==> flow/design.v <==
module add_core #(
  parameter W = 20,
  parameter N = 3,
  parameter OUT_W = W + $clog2(N)
) (
  input  wire CLK,
  input  wire RST,
  input  wire enable,
  input  wire [N*W-1:0] d,
  output wire [OUT_W-1:0] s
);
  wire [OUT_W-1:0] lvl [1:2*N-1];
  genvar k;
  generate
    for (k = 0; k < N; k = k + 1) begin : u_g
      assign lvl[N+k] = d[k*W +: W];
    end
    for (k = 1; k < N; k = k + 1) begin : lane
      assign lvl[k] = lvl[2*k] + lvl[2*k+1];
    end
  endgenerate
  reg [OUT_W-1:0] s_q;
  always @(posedge CLK or posedge RST) begin
    if (RST) begin
      s_q <= 0;
    end else if (enable) begin
      s_q <= lvl[1];
    end
  end
  assign s = s_q;
endmodule
### Reports on add_core

The steps from the RTL of add_core to its reports follow in flow order.
Lines are those of the file above, counted from 1.
A cell with - has no value.

| design | value |
|---|---|
| top | add_core |
| clock | CLK |
| library | sky130hd |
| timing corner | tt_025C_1v80 |

### After elaboration

Counts by Yosys on the flattened word-level netlist (proc, flatten, opt, wreduce; memories kept). Register bits leave out memories and registers merged into their read ports (data or address); mux counts leave out enables and synchronous resets folded into registers. Print and check cells are left out. Cells with the same type and inputs are merged into one.

| bit counts | value |
|---|---|
| register bits | 22 |
| output and inout port bits | 22 |
| elaborated cells | 3 |

| operators by class | value |
|---|---|
| add/subtract/negate cells | 2 |

Operator list:

| cell | number |
|---|---|
| adder 22 x 20 -> 22 bit | 1 |
| adder 20 x 20 -> 21 bit | 1 |

### Logic depth

Depth = most cells in a row (Yosys ltp): at word level without a register or memory, in the mapped netlist without a sequential cell, where the memories' decode and read muxes count.

| logic depth | value |
|---|---|
| word-level depth | 2 |
| ABC_AREA | 0 |
| gate-level depth with buffers | 18 |
| gate-level depth less buffers | 18 |

### Synthesis result

The flow's flattened synthesis, as Yosys stat reports it; memories are mapped. The netlist is that of the ABC_AREA named above (0 if unset); the other value can give another one.
The area totals of this step are shown rounded.

| mapped netlist | value |
|---|---|
| standard cells after synthesis | 331 |
| cell area after synthesis | 2780 sq um |
| sequential area | 551 sq um |
| flip-flops | 22 |

Cell types:

| cell type | number | area in all (sq um) |
|---|---|---|
| sky130_fd_sc_hd__dfrtp_1 | 22 | 550.528 |
| sky130_fd_sc_hd__ha_1 | 41 | 512.992 |
| sky130_fd_sc_hd__a21oi_1 | 35 | 175.168 |
| sky130_fd_sc_hd__xnor2_1 | 19 | 166.41 |
| sky130_fd_sc_hd__mux2_2 | 13 | 146.39 |
| sky130_fd_sc_hd__nand2_1 | 27 | 101.347 |
| sky130_fd_sc_hd__o21ai_0 | 20 | 100.096 |
| sky130_fd_sc_hd__a21o_1 | 11 | 82.579 |
| sky130_fd_sc_hd__nor2_1 | 21 | 78.826 |
| sky130_fd_sc_hd__xor2_1 | 8 | 70.067 |
| sky130_fd_sc_hd__inv_1 | 17 | 63.811 |
| sky130_fd_sc_hd__nor3_1 | 9 | 45.043 |
| sky130_fd_sc_hd__and3_1 | 7 | 43.792 |
| sky130_fd_sc_hd__fa_1 | 2 | 40.038 |
| sky130_fd_sc_hd__nor2b_1 | 6 | 37.536 |
| sky130_fd_sc_hd__o31ai_1 | 5 | 37.536 |
| sky130_fd_sc_hd__nand3_1 | 7 | 35.034 |
| sky130_fd_sc_hd__a31oi_1 | 5 | 31.28 |

Other cell types: 35; their cells: 56.

### Worst setup path after synthesis

Path of least setup slack by OpenSTA after synthesis, without wires, with an ideal clock, recovery checks aside; 20% of the period is set as input and as output delay. Where synthesis merged equal registers, the netlist keeps one of their names.

| timing path post-synthesis | value |
|---|---|
| path type | input-to-reg |
| from | input d[20] |
| to | register s_q[19] |
| period | 4.9 ns |
| external input delay | 0.980 ns |
| setup time | 0.095 ns |
| launch time at the first pin | 0.980 ns |
| arrival | 4.019 ns |
| path slack | 0.785 ns |
| path delay | 3.134 ns |
| stages | 17 |
| synthesis period reached | 4.115 ns |

"path delay" is the arrival time less input delay plus setup time.
"stages" counts driving pins, that of a launching flip-flop among them; a cell with two outputs on the path counts twice.
"synthesis period reached" = period - worst setup slack (recovery checks aside). The figure is calculated, with input and output delays left at 20% of the set period.
Between the ends stands the longest chain of elaborated cells between them, by number of cells; it is not shown to be the way that was timed. Of several equally long chains one is given.
A line is the first line of the expression or statement that the cell stems from. Yosys adds cells for indexed reads and writes and turns some case tables into memories.

| on the way, post-synthesis | value |
|---|---|
| cells stage by stage | sky130_fd_sc_hd__ha_1 sky130_fd_sc_hd__inv_1 sky130_fd_sc_hd__fa_1 sky130_fd_sc_hd__nor2b_4 sky130_fd_sc_hd__o31a_1 sky130_fd_sc_hd__o21ai_4 sky130_fd_sc_hd__a211oi_2 sky130_fd_sc_hd__a31o_4 sky130_fd_sc_hd__xor2_1 sky130_fd_sc_hd__ha_1 sky130_fd_sc_hd__a21oi_1 sky130_fd_sc_hd__o21bai_1 sky130_fd_sc_hd__a21oi_1 sky130_fd_sc_hd__o21ai_0 sky130_fd_sc_hd__and3_1 sky130_fd_sc_hd__o31a_1 sky130_fd_sc_hd__o31ai_1 |
| length of the longest elaborated chain | 2 |
| elaborated cells on any way between the ends | 2 |
| RTL lines with such cells | 1 |

Ends and longest elaborated chain, post-synthesis:

| item | RTL line | RTL |
|---|---|---|
| start, declared | 9 | `input  wire [N*W-1:0] d,` |
| adder 20 x 20 -> 21 bit | 19 | `assign lvl[k] = lvl[2*k] + lvl[2*k+1];` |
| adder 22 x 20 -> 22 bit | 19 |  |
| end, assigned | 25 | `s_q <= 0;` |
| end, assigned | 27 | `s_q <= lvl[1];` |
| end, declared | 22 | `reg [OUT_W-1:0] s_q;` |

### Timing after layout

Path of least setup slack in the final report of run 1 (OpenROAD, finished layout, wires in). Where an end is a register, its clock arrival counts in the times.

| timing path after layout | value |
|---|---|
| path type | input-to-reg |
| from | input d[20] |
| to | register s_q[18] |
| period | 4.9 ns |
| external input delay | 0.98 ns |
| setup time | 0.06 ns |
| launch time at the first pin | 0.98 ns |
| arrival | 4.73 ns |
| path slack | 0.36 ns |
| stages | 19 |

Between the ends stands the longest chain of elaborated cells between them, by number of cells; it is not shown to be the way that was timed. Of several equally long chains one is given.

| on the way, after layout | value |
|---|---|
| cells stage by stage | sky130_fd_sc_hd__clkdlybuf4s50_1 sky130_fd_sc_hd__ha_1 sky130_fd_sc_hd__inv_1 sky130_fd_sc_hd__fa_1 sky130_fd_sc_hd__nor2b_4 sky130_fd_sc_hd__o31a_1 sky130_fd_sc_hd__o21ai_4 sky130_fd_sc_hd__a211oi_2 sky130_fd_sc_hd__buf_4 sky130_fd_sc_hd__o21a_1 sky130_fd_sc_hd__nor2_1 sky130_fd_sc_hd__xnor2_1 sky130_fd_sc_hd__ha_1 sky130_fd_sc_hd__inv_1 sky130_fd_sc_hd__nor4_1 sky130_fd_sc_hd__a21boi_1 sky130_fd_sc_hd__nor2_1 sky130_fd_sc_hd__or4_1 sky130_fd_sc_hd__nand3_1 |
| length of the longest elaborated chain | 2 |
| elaborated cells on any way between the ends | 2 |
| RTL lines with such cells | 1 |

Ends and longest elaborated chain, after layout:

| item | RTL line | RTL |
|---|---|---|
| start, declared | 9 | `input  wire [N*W-1:0] d,` |
| adder 20 x 20 -> 21 bit | 19 | `assign lvl[k] = lvl[2*k] + lvl[2*k+1];` |
| adder 22 x 20 -> 22 bit | 19 |  |
| end, assigned | 25 | `s_q <= 0;` |
| end, assigned | 27 | `s_q <= lvl[1];` |
| end, declared | 22 | `reg [OUT_W-1:0] s_q;` |

Data sheet: physical implementation of add_core

add_core through Yosys and OpenROAD on sky130hd: 3 stored runs, unordered, with their settings and measured results. The constraints put input and output delay at 20% of the set period each and load the outputs with 0.01 pF.
"reached clock period" = clock period - worst setup slack. The figure is calculated, with input and output delays left at 20% of the set period.
"critical path time": the worst setup path's part of the clock period (all of it between registers, 20% less for each end at a port) less its slack. A launch clock that arrives late makes it longer, a capture clock that arrives late makes it shorter.
"total power after layout" is the tool's figure for a default switching activity; nothing was simulated.
The results are shown rounded.

#### Run 1

| setting | value |
|---|---|
| period_ns | `4.9` |
| CAP_MARGIN | `20` |
| CORE_MARGIN | `2` |
| CORE_UTILIZATION | `40` |
| SLEW_MARGIN | `20` |

| result | value |
|---|---|
| netlist area reported by Yosys | 2780 sq um |
| die area | 7640 sq um |
| std-cell area (final layout) | 3810 sq um |
| final design utilization | 0.564 |
| smallest setup slack | 0.355 ns |
| setup TNS | 0.000 ns |
| worst hold slack | 0.488 ns |
| total power after layout | 1.21 mW |
| reached clock period | 4.545 ns |
| critical path time | 3.56 ns |
| class of the worst setup path | input-to-reg |

#### Run 2

| setting | value |
|---|---|
| period_ns | `3.58` |
| CORE_UTILIZATION | `18` |
| SETUP_SLACK_MARGIN | `0.4` |
| PLACE_DENSITY_LB_ADDON | `0.09` |
| CORE_ASPECT_RATIO | `1.72` |
| CELL_PAD_IN_SITES_DETAIL_PLACEMENT | `0` |
| GPL_TIMING_DRIVEN | `1` |
| CAP_MARGIN | `5` |
| MAX_ROUTING_LAYER | `met4` |
| CORE_MARGIN | `2` |
| SLEW_MARGIN | `20` |

| result | value |
|---|---|
| netlist area reported by Yosys | 2780 sq um |
| die area | 16500 sq um |
| std-cell area (final layout) | 5240 sq um |
| final design utilization | 0.346 |
| smallest setup slack | -0.142 ns |
| setup TNS | -0.817 ns |
| worst hold slack | 0.490 ns |
| total power after layout | 2.35 mW |
| reached clock period | 3.722 ns |
| critical path time | 3.01 ns |
| class of the worst setup path | input-to-reg |

#### Run 3

| setting | value |
|---|---|
| period_ns | `2.86` |
| CORE_UTILIZATION | `44` |
| SETUP_SLACK_MARGIN | `0.62` |
| PLACE_DENSITY_LB_ADDON | `0.13` |
| CORE_MARGIN | `5` |
| ABC_AREA | `0` |
| CTS_CLUSTER_SIZE | `83` |
| CAP_MARGIN | `20` |
| SLEW_MARGIN | `20` |

| result | value |
|---|---|
| netlist area reported by Yosys | 2780 sq um |
| die area | 8020 sq um |
| std-cell area (final layout) | 5330 sq um |
| final design utilization | 0.853 |
| smallest setup slack | -1.12 ns |
| setup TNS | -12.7 ns |
| worst hold slack | 0.497 ns |
| total power after layout | 3.02 mW |
| reached clock period | 3.983 ns |
| critical path time | 3.41 ns |
| class of the worst setup path | input-to-reg |
